==> flow/design.v <==
module dp_mplex_v2 #(
    parameter XLEN = 20
) (
    input  clock,
    input  srst,
    input  [XLEN-1:0] ch_0_in,
    input  [XLEN-1:0] ch_1_in,
    input  [XLEN-1:0] ch_2_in,
    input  [XLEN-1:0] ch_3_in,
    input  [XLEN-1:0] ch_4_in,
    input  [XLEN-1:0] ch_5_in,
    input  [4:0] addr_in,
    output [XLEN-1:0] result_out
);
    reg [XLEN-1:0] ch_0_r;
    reg [XLEN-1:0] ch_1_r;
    reg [XLEN-1:0] ch_2_r;
    reg [XLEN-1:0] ch_3_r;
    reg [XLEN-1:0] ch_4_r;
    reg [XLEN-1:0] ch_5_r;
    reg [4:0] addr_r;
    reg [XLEN-1:0] work;
    always @(*) begin
        casez (addr_r)
            5'b????1: work = ch_0_r;
            5'b???10: work = ch_1_r;
            5'b??100: work = ch_2_r;
            5'b?1000: work = ch_3_r;
            5'b10000: work = ch_4_r;
            default: work = ch_5_r;
        endcase
    end
    assign result_out = work;
    always @(posedge clock) begin
        if (srst) begin
            ch_0_r <= 0;
            ch_1_r <= 0;
            ch_2_r <= 0;
            ch_3_r <= 0;
            ch_4_r <= 0;
            ch_5_r <= 0;
            addr_r <= 0;
        end else begin
            ch_0_r <= ch_0_in;
            ch_1_r <= ch_1_in;
            ch_2_r <= ch_2_in;
            ch_3_r <= ch_3_in;
            ch_4_r <= ch_4_in;
            ch_5_r <= ch_5_in;
            addr_r <= addr_in;
        end
    end
endmodule
# Reports on dp_mplex_v2
# The steps from the RTL of dp_mplex_v2 to its reports follow in flow order.
# Lines are those of the file above, counted from 1.
# Library cell names are shortened.
# A cell with -- has no value.
# setup
top,dp_mplex_v2
clock_port,clock
lib,sky130hd
lib_corner,tt_025C_1v80

# Word-level counts
# Source: Yosys, flattened and elaborated, memories not mapped. Widths are those after wreduce; folded enables and synchronous resets count as part of the registers. Registers that Yosys merges into a memory's read port (data or address) are not register bits. Print and check cells do not count. Equal cells are merged and count once.
# word_totals
ff_bits,125
in_bits,127
out_inout_bits,20
elab_cells,12
# classes
equal,4
n_mux,1
# op_table
op,count
20-bit case mux with 5-bit select,1
5-bit == test with constant B,1
4-bit == test with constant B,1
3-bit == test with constant B,1
2-bit == test with constant B,1

# Longest topological paths
# Longest topological path by Yosys (ltp), each cell counted once; first at word level (registers and memories cut), then after technology mapping (sequential cells cut; the memories' decode and read muxes count).
# depth
word_depth,2
abc_area,0
depth_mapped,5
mapped_depth_nobuf,3

# Synthesis result
# The flow's flattened synthesis, as Yosys stat reports it; memories are mapped. The netlist is that of the ABC_AREA named above (0 if unset); the other value can give another one.
# synth_totals
cell_count,425
area_um2,4563.1
sequential_area_um2,2502.4
flip_flops,125
n_buf,32
# types
type,count,area_total_um2
dfxtp_1,125,2502.4
nor2b_1,125,782
a2bb2oi_2,20,300.288
a22o_1,20,175.168
a22oi_1,20,150.144
nand3b_1,20,150.144
nand2b_1,20,125.12
a21oi_1,20,100.096
clkbuf_1,22,82.579
inv_1,20,75.072
buf_6,4,45.043
buf_2,6,30.029
nor4_4,1,21.27
nor4b_2,1,15.014
nand2b_2,1,8.758

# Timing after synthesis
# Path of least setup slack by OpenSTA after synthesis, without wires, with an ideal clock, recovery checks aside; 20% of the period is set as input and as output delay. Where synthesis merged equal registers, the netlist keeps one of their names.
# synth_path
path_kind,register to output
start,register addr_r[0]
end,output result_out[0]
period_ns,1.86
output_delay_ns,0.372
launch_ns,0.000
t_arrival_ns,1.191
required_ns,1.488
path_slack_ns,0.297
delay_ns,1.191
path_stages,6
n_path_buf,2
synth_period_reached_ns,1.563
# "delay_ns" is the arrival time less input delay plus setup time.
# At an output port there is no setup time.
# "path_stages": output pins that drive a net of the path, with the launching flip-flop's if there is one; two outputs of one cell count as two.
# "synth_period_reached_ns" = period - worst setup slack (recovery checks aside). The figure is calculated, with input and output delays left at 20% of the set period.
# The rows between start and end are the longest chain of elaborated cells between them; the timing report does not say that the signal goes this way. Where chains are equally long, one stands for them.
# Each line given opens the expression or statement behind the cell; cells for indexed reads and writes are added by Yosys, which also makes memories of some case tables.
# synth_between
path_cell_list,dfxtp_1 > buf_2 > nor4_4 > buf_6 > a22oi_1 > a2bb2oi_2
elab_chain_cells,2
cells_between,5
cone_lines,1
classes_between,4 x eq/ne; 1 x mux
# synth_lines
item,line,source
start: declaration,21,reg [4:0] addr_r;
start: assignment,42,addr_r <= 0;
start: assignment,50,addr_r <= addr_in;
5-bit == test,24,casez (addr_r)
20-bit case mux with 5-bit select,24,
end: declaration,13,output [XLEN-1:0] result_out

# Path in the finished layout
# Path of least setup slack in the final report of job 1 (OpenROAD, finished layout, wires in). Where an end is a register, its clock arrival counts in the times.
# layout_path
path_kind,register to output
start,register addr_r[3]
end,output result_out[16]
period_ns,2.57
output_delay_ns,0.51
launch_ns,0.40
t_arrival_ns,2.14
required_ns,2.06
path_slack_ns,-0.08
path_stages,7
n_path_buf,3
# The rows between start and end are the longest chain of elaborated cells between them; the timing report does not say that the signal goes this way. Where chains are equally long, one stands for them.
# layout_between
path_cell_list,dfxtp_1 > nor4_4 > buf_4 > nand2b_2 > buf_4 > a2bb2oi_2 > clkdlybuf4s50_1
elab_chain_cells,2
cells_between,3
cone_lines,1
classes_between,2 x eq/ne; 1 x mux
# layout_lines
item,line,source
start: declaration,21,reg [4:0] addr_r;
start: assignment,42,addr_r <= 0;
start: assignment,50,addr_r <= addr_in;
5-bit == test,24,casez (addr_r)
20-bit case mux with 5-bit select,24,
end: declaration,13,output [XLEN-1:0] result_out

Measured data: module dp_mplex_v2, platform sky130hd, 3 stored runs of the flow under differing settings, order arbitrary. Input and output delays are each 20% of the period that was set; the output load is 0.01 pF.

Job 1, flow files:
==> flow/run.sh <==
#!/bin/bash
# the make line also repeats the synthesis and layout settings of config.mk as NAME=value (left out here)
make -C /OpenROAD-flow-scripts/flow DESIGN_CONFIG=/design/flow/config.mk WORK_HOME=/design/flow/orfs CLKGATE_MAP_FILE= finish
==> flow/config.mk <==
export PLATFORM = sky130hd
export DESIGN_NAME = dp_mplex_v2
export DESIGN_NICKNAME = dp_mplex_v2
export VERILOG_FILES = /design/flow/design.v
export SDC_FILE = /design/flow/constraint.sdc
export NUM_CORES = 4
export LEC_CHECK = 0
export CAP_MARGIN = 20
export CORE_ASPECT_RATIO = 0.64
export CORE_MARGIN = 6
export CORE_UTILIZATION = 17
export CTS_CLUSTER_DIAMETER = 177
export GPL_ROUTABILITY_DRIVEN = 0
export MAX_ROUTING_LAYER = met5
export MIN_ROUTING_LAYER = met1
export SETUP_SLACK_MARGIN = -0.24
export SLEW_MARGIN = 40
export TNS_END_PERCENT = 50
==> flow/constraint.sdc <==
create_clock -name core_clock -period 2.57 [get_ports {clock}]
set_input_delay 0.5140 -clock core_clock [delete_from_list [all_inputs] [get_ports {clock}]]
set_output_delay 0.5140 -clock core_clock [all_outputs]
set_load 0.01 [all_outputs]

==> results of job 1, as CSV <==
result,value
synth_area_um2,4563.1
die_um2,31016.9
finalCellArea_um2,7139.4
worst_setup_slack_ns,-0.084
timing.hold.ws_ns,0.526

Job 2, flow files:
==> flow/run.sh <==
#!/bin/bash
# the make line also repeats the synthesis and layout settings of config.mk as NAME=value (left out here)
make -C /OpenROAD-flow-scripts/flow DESIGN_CONFIG=/design/flow/config.mk WORK_HOME=/design/flow/orfs CLKGATE_MAP_FILE= finish
==> flow/config.mk <==
export PLATFORM = sky130hd
export DESIGN_NAME = dp_mplex_v2
export DESIGN_NICKNAME = dp_mplex_v2
export VERILOG_FILES = /design/flow/design.v
export SDC_FILE = /design/flow/constraint.sdc
export NUM_CORES = 4
export LEC_CHECK = 0
export CAP_MARGIN = 20
export CORE_MARGIN = 2
export CORE_UTILIZATION = 40
export SLEW_MARGIN = 20
==> flow/constraint.sdc <==
create_clock -name core_clock -period 1.86 [get_ports {clock}]
set_input_delay 0.3720 -clock core_clock [delete_from_list [all_inputs] [get_ports {clock}]]
set_output_delay 0.3720 -clock core_clock [all_outputs]
set_load 0.01 [all_outputs]

==> results of job 2, as CSV <==
result,value
synth_area_um2,4563.1
die_um2,12277.7
finalCellArea_um2,6975.4
worst_setup_slack_ns,-0.343
timing.hold.ws_ns,0.383

Job 3, flow files:
==> flow/run.sh <==
#!/bin/bash
# the make line also repeats the synthesis and layout settings of config.mk as NAME=value (left out here)
make -C /OpenROAD-flow-scripts/flow DESIGN_CONFIG=/design/flow/config.mk WORK_HOME=/design/flow/orfs CLKGATE_MAP_FILE= finish
==> flow/config.mk <==
export PLATFORM = sky130hd
export DESIGN_NAME = dp_mplex_v2
export DESIGN_NICKNAME = dp_mplex_v2
export VERILOG_FILES = /design/flow/design.v
export SDC_FILE = /design/flow/constraint.sdc
export NUM_CORES = 4
export LEC_CHECK = 0
export CAP_MARGIN = 15
export CELL_PAD_IN_SITES_DETAIL_PLACEMENT = 2
export CORE_MARGIN = 2
export CORE_UTILIZATION = 28
export CTS_CLUSTER_SIZE = 22
export HOLD_SLACK_MARGIN = 0.06
export MIN_ROUTING_LAYER = met1
export PLACE_DENSITY_LB_ADDON = 0.27
export SETUP_SLACK_MARGIN = 0.19
export SLEW_MARGIN = 40
export TNS_END_PERCENT = 75
==> flow/constraint.sdc <==
create_clock -name core_clock -period 1.37 [get_ports {clock}]
set_input_delay 0.2740 -clock core_clock [delete_from_list [all_inputs] [get_ports {clock}]]
set_output_delay 0.2740 -clock core_clock [all_outputs]
set_load 0.01 [all_outputs]

==> results of job 3, as CSV <==
result,value
synth_area_um2,4563.1
die_um2,17334.4
finalCellArea_um2,7063.0
worst_setup_slack_ns,-0.728
timing.hold.ws_ns,0.162
